==> flow/design.v <==
module sync_relation_stage #(
    parameter WIDTH = 36
) (
    input  logic clk,
    input  logic rst_n,
    input  logic [WIDTH-1:0] i_rs1,
    input  logic [WIDTH-1:0] i_rs2,
    output logic o_above,
    output logic o_a_eq_b
);
    logic [WIDTH-1:0] rs1_r;
    always_ff @(posedge clk or negedge rst_n) begin
        if (!rst_n) begin
            rs1_r <= 0;
        end else begin
            rs1_r <= i_rs1;
        end
    end
    logic [WIDTH-1:0] rs2_r;
    always_ff @(posedge clk or negedge rst_n) begin
        if (!rst_n) begin
            rs2_r <= 0;
        end else begin
            rs2_r <= i_rs2;
        end
    end
    localparam NBLK = WIDTH / 4;
    logic [NBLK:0] g;
    logic [NBLK:0] e;
    assign g[0] = 1'b0;
    assign e[0] = 1'b1;
    for (genvar gi = 0; gi < NBLK; gi++) begin : lane
        cmp4 unit (.a(rs1_r[4*gi +: 4]), .b(rs2_r[4*gi +: 4]), .gi(g[gi]), .ei(e[gi]), .go(g[gi+1]), .eo(e[gi+1]));
    end
    always_ff @(posedge clk or negedge rst_n) begin
        if (!rst_n) begin
            o_above <= 1'b0;
        end else begin
            o_above <= g[NBLK];
        end
    end
    always_ff @(posedge clk or negedge rst_n) begin
        if (!rst_n) begin
            o_a_eq_b <= 1'b0;
        end else begin
            o_a_eq_b <= e[NBLK];
        end
    end
endmodule
module cmp4 (
    input logic [3:0] a,
    input logic [3:0] b,
    input logic gi,
    input logic ei,
    output logic go,
    output logic eo
);
    assign go = (a > b) | ((a == b) & gi);
    assign eo = (a == b) & ei;
endmodule
Hand-over note for sync_relation_stage

* Step by step through the tools: sync_relation_stage
Module sync_relation_stage in several versions that differ in "WIDTH"; each step lists the members.
The file above is the member WIDTH=36. Line numbers count from 1 in each member's own file.
Operators: Yosys type, input widths -> output width; for muxes data width and select width s.
A cell with - has no value.
- Design top :: sync_relation_stage
- Clock :: clk
- Library :: sky130hd
- Corner :: tt_025C_1v80

* Members of the sweep
New or changed lines of each further member against the RTL above, in its own file; lines it lacks are not shown.
** Lines new or changed
- WIDTH 48 :: line 2 : parameter WIDTH = 48
- WIDTH 64 :: line 2 : parameter WIDTH = 64

* Word level
Source: Yosys, flattened and elaborated, memories not mapped. Widths are those after wreduce; folded enables and synchronous resets count as part of the registers. Registers that Yosys merges into a memory's read port (data or address) are not register bits. Print and check cells do not count. Equal cells are merged and count once.
** Bit counts
- WIDTH 36 :: bits of input ports 74, register bits after elaboration 74, output and inout bits 2
- WIDTH 48 :: bits of input ports 98, register bits after elaboration 98, output and inout bits 2
- WIDTH 64 :: bits of input ports 130, register bits after elaboration 130, output and inout bits 2
** Operators by class
- WIDTH 36 :: order comparisons 9, bitwise operators 24, equality and inequality tests 9
- WIDTH 48 :: order comparisons 12, bitwise operators 33, equality and inequality tests 12
- WIDTH 64 :: order comparisons 16, bitwise operators 45, equality and inequality tests 16
** Operators with widths (kinds with counts)
- WIDTH 36 :: $gt 4x4->1 (9); $eq 4x4->1 (9); $and 1x1->1 (16); $or 1x1->1 (8)
- WIDTH 48 :: $gt 4x4->1 (12); $eq 4x4->1 (12); $and 1x1->1 (22); $or 1x1->1 (11)
- WIDTH 64 :: $gt 4x4->1 (16); $eq 4x4->1 (16); $and 1x1->1 (30); $or 1x1->1 (15)

* Longest topological paths
Yosys ltp: most cells in a row. Word level: on the elaborated netlist, between registers, memories and ports. Mapped: between sequential cells and ports; inverters and the memories' decode and read muxes count.
** Logic depth
- WIDTH 36 :: depth after elaboration 17, ABC_AREA 0, depth in mapped cells 8
- WIDTH 48 :: depth after elaboration 23, ABC_AREA 0, depth in mapped cells 8
- WIDTH 64 :: depth after elaboration 31, ABC_AREA 0, depth in mapped cells 8

* Synthesis result
Yosys stat after the flow's synthesis: flattened, memories mapped to cells. It holds for the ABC_AREA given above (unset counts as 0); a run with the other value may have another netlist.
** Mapped netlist
- WIDTH 36 :: mapped area 2871.5 µm², buffer cells 0, sequential part of the area 1851.8 µm², standard cells after synthesis 215, mapped flip-flops 74
- WIDTH 48 :: mapped area 3743.6 µm², buffer cells 0, sequential part of the area 2452.4 µm², standard cells after synthesis 277, mapped flip-flops 98
- WIDTH 64 :: mapped area 5007.3 µm², buffer cells 0, sequential part of the area 3253.1 µm², standard cells after synthesis 371, mapped flip-flops 130
** Cells by type (type and count)
- WIDTH 36 :: sky130_fd_sc_hd__dfrtp_1 (74); sky130_fd_sc_hd__ha_1 (36); sky130_fd_sc_hd__inv_1 (42); sky130_fd_sc_hd__a21oi_1 (11); sky130_fd_sc_hd__o21ai_0 (9); sky130_fd_sc_hd__a21o_1 (5); sky130_fd_sc_hd__nand2b_1 (5); sky130_fd_sc_hd__nand4_1 (4); sky130_fd_sc_hd__nand2_1 (6); sky130_fd_sc_hd__nand4_4 (1); sky130_fd_sc_hd__and3_1 (3); sky130_fd_sc_hd__a221oi_1 (2); sky130_fd_sc_hd__a211oi_1 (2); sky130_fd_sc_hd__a221oi_2 (1); sky130_fd_sc_hd__a31oi_1 (2); sky130_fd_sc_hd__nand4_2 (1); sky130_fd_sc_hd__nor4_2 (1); sky130_fd_sc_hd__and3_4 (1); [+9]
- WIDTH 48 :: sky130_fd_sc_hd__dfrtp_1 (98); sky130_fd_sc_hd__ha_1 (48); sky130_fd_sc_hd__inv_1 (52); sky130_fd_sc_hd__nand4_1 (12); sky130_fd_sc_hd__nor2b_1 (9); sky130_fd_sc_hd__a21oi_1 (11); sky130_fd_sc_hd__o211ai_1 (4); sky130_fd_sc_hd__o21a_1 (4); sky130_fd_sc_hd__o21ai_0 (6); sky130_fd_sc_hd__nand2b_1 (3); sky130_fd_sc_hd__o2111ai_1 (2); sky130_fd_sc_hd__o311ai_2 (1); sky130_fd_sc_hd__nand2_1 (4); sky130_fd_sc_hd__nor2_1 (4); sky130_fd_sc_hd__a31oi_1 (2); sky130_fd_sc_hd__nor4_1 (2); sky130_fd_sc_hd__nand3_1 (2); sky130_fd_sc_hd__a2111oi_0 (1); [+12]
- WIDTH 64 :: sky130_fd_sc_hd__dfrtp_1 (130); sky130_fd_sc_hd__ha_1 (64); sky130_fd_sc_hd__inv_1 (69); sky130_fd_sc_hd__a21oi_1 (16); sky130_fd_sc_hd__nand4_1 (11); sky130_fd_sc_hd__nand2b_1 (8); sky130_fd_sc_hd__nand4_2 (3); sky130_fd_sc_hd__nor2b_1 (5); sky130_fd_sc_hd__a211oi_1 (4); sky130_fd_sc_hd__o21ai_1 (6); sky130_fd_sc_hd__nand2_1 (7); sky130_fd_sc_hd__nor2_1 (7); sky130_fd_sc_hd__o2111ai_1 (3); sky130_fd_sc_hd__o21ai_0 (5); sky130_fd_sc_hd__a21o_1 (3); sky130_fd_sc_hd__o211ai_1 (3); sky130_fd_sc_hd__and3_1 (3); sky130_fd_sc_hd__and4_1 (2); [+22]
A list marked [+n] leaves out that many cells.
The figures by module come from a second, unflattened synthesis with its own total; it is not the netlist above.
** Second synthesis, totals
- WIDTH 36 :: cells (unflattened synthesis) 220, area total of the unflattened synthesis 2827.7 µm²
- WIDTH 48 :: cells (unflattened synthesis) 292, area total of the unflattened synthesis 3751.1 µm²
- WIDTH 64 :: cells (unflattened synthesis) 388, area total of the unflattened synthesis 4982.3 µm²

* Timing after synthesis
Source: OpenSTA report_checks on the synthesized netlist (no wires, ideal clock, input and output delay 20% of the period each), path of least setup slack; recovery checks are left aside. Register names are those of the netlist, which keeps one name where synthesis merged equal registers.
** Timing post-synthesis
- WIDTH 36 :: path type register to register, start register rs1_r[35], end register o_above, slack 0.386 ns, clock period 1.92 ns, path delay 1.534 ns, stages on the path 7, period reached after synthesis 1.534 ns
- WIDTH 48 :: path type register to register, start register rs2_r[6], end register o_above, slack 0.416 ns, clock period 2.09 ns, path delay 1.674 ns, stages on the path 9, period reached after synthesis 1.674 ns
- WIDTH 64 :: path type register to register, start register rs2_r[43], end register o_above, slack 0.415 ns, clock period 2.08 ns, path delay 1.664 ns, stages on the path 8, period reached after synthesis 1.665 ns
"path delay" = arrival - input delay + setup time.
"stages on the path": output pins that drive a net of the path, with the launching flip-flop's if there is one; two outputs of one cell count as two.
"period reached after synthesis" is the clock period less the worst setup slack; recovery checks do not enter. This is arithmetic on one report: input and output delays are still those of the set period (20% each).
Between the ends stands the longest chain of elaborated cells between them, by number of cells; it is not shown to be the way that was timed. Of several equally long chains one is given.
Each line given opens the expression or statement behind the cell; cells for indexed reads and writes are added by Yosys, which also makes memories of some case tables.
On the way, post-synthesis, WIDTH=36:
- Length of the longest elaborated chain :: 3
** Ends and longest elaborated chain, post-synthesis, WIDTH=36
- from (decl) :: line 11 : logic [WIDTH-1:0] rs1_r;
- from (assign) :: line 14 : rs1_r <= 0;
- from (assign) :: line 16 : rs1_r <= i_rs1;
- $eq 4x4->1 :: line 58 : assign go = (a > b) | ((a == b) & gi);
- $and 1x1->1 :: line 58
- $or 1x1->1 :: line 58
- to (assign) :: line 37 : o_above <= 1'b0;
- to (assign) :: line 39 : o_above <= g[NBLK];
- to (decl) :: line 8 : output logic o_above,
On the way, post-synthesis, WIDTH=64:
- Length of the longest elaborated chain :: 13
** Ends and longest elaborated chain, post-synthesis, WIDTH=64
- from (decl) :: line 19 : logic [WIDTH-1:0] rs2_r;
- from (assign) :: line 22 : rs2_r <= 0;
- from (assign) :: line 24 : rs2_r <= i_rs2;
- $eq 4x4->1 :: line 58 : assign go = (a > b) | ((a == b) & gi);
- $and 1x1->1 :: line 58
- $or 1x1->1 :: line 58
- $and 1x1->1 :: line 58
- $or 1x1->1 :: line 58
- $and 1x1->1 :: line 58
- $or 1x1->1 :: line 58
- $and 1x1->1 :: line 58
- $or 1x1->1 :: line 58
- $and 1x1->1 :: line 58
- $or 1x1->1 :: line 58
- $and 1x1->1 :: line 58
- $or 1x1->1 :: line 58
- to (assign) :: line 37 : o_above <= 1'b0;
- to (assign) :: line 39 : o_above <= g[NBLK];
- to (decl) :: line 8 : output logic o_above,

* Path in the finished layout
From the final timing report of the run of each member: the path of least setup slack in the routed layout; clock arrival at registers is part of the times.
** Timing after layout
- WIDTH 36 :: path type register to register, start register rs1_r[18], end register o_above, slack 0.30 ns, stages on the path 8, data arrival time 1.89 ns, path buffers 0, clock period 1.92 ns
- WIDTH 48 :: path type register to register, start register rs2_r[36], end register o_above, slack 0.23 ns, stages on the path 6, data arrival time 2.09 ns, path buffers 0, clock period 2.09 ns
- WIDTH 64 :: path type register to register, start register rs2_r[43], end register o_above, slack 0.17 ns, stages on the path 8, data arrival time 2.19 ns, path buffers 0, clock period 2.08 ns

* Measured runs
One run of the flow (Yosys, OpenROAD) for each member, with settings and measured results. Input and output delays are each 20% of the period that was set; the output load is 0.01 pF.
- CAP_MARGIN :: 20
- CORE_MARGIN :: 2
- CORE_UTILIZATION :: 40
- SLEW_MARGIN :: 20
** Settings that differ (period_ns)
- WIDTH 36 :: 1.92
- WIDTH 48 :: 2.09
- WIDTH 64 :: 2.08
** Results
- WIDTH 36 :: area of the standard cells in the finished layout 4001.3 µm², worst setup slack after layout 0.301 ns, power consumption 3448 µW, chip area after synthesis (Yosys) 2871.5 µm², utilization after routing 58.3%, area inside the die boundary 7872.1 µm², post-route setup TNS 0.000 ns
- WIDTH 48 :: area of the standard cells in the finished layout 5116.2 µm², worst setup slack after layout 0.234 ns, power consumption 3722 µW, chip area after synthesis (Yosys) 3743.6 µm², utilization after routing 55.9%, area inside the die boundary 10148.5 µm², post-route setup TNS 0.000 ns
- WIDTH 64 :: area of the standard cells in the finished layout 7254.5 µm², worst setup slack after layout 0.170 ns, power consumption 6470 µW, chip area after synthesis (Yosys) 5007.3 µm², utilization after routing 59.9%, area inside the die boundary 13429.3 µm², post-route setup TNS 0.000 ns
"power consumption" rests on the timing tool's default activity at the inputs, not on a simulated workload.

End of note.
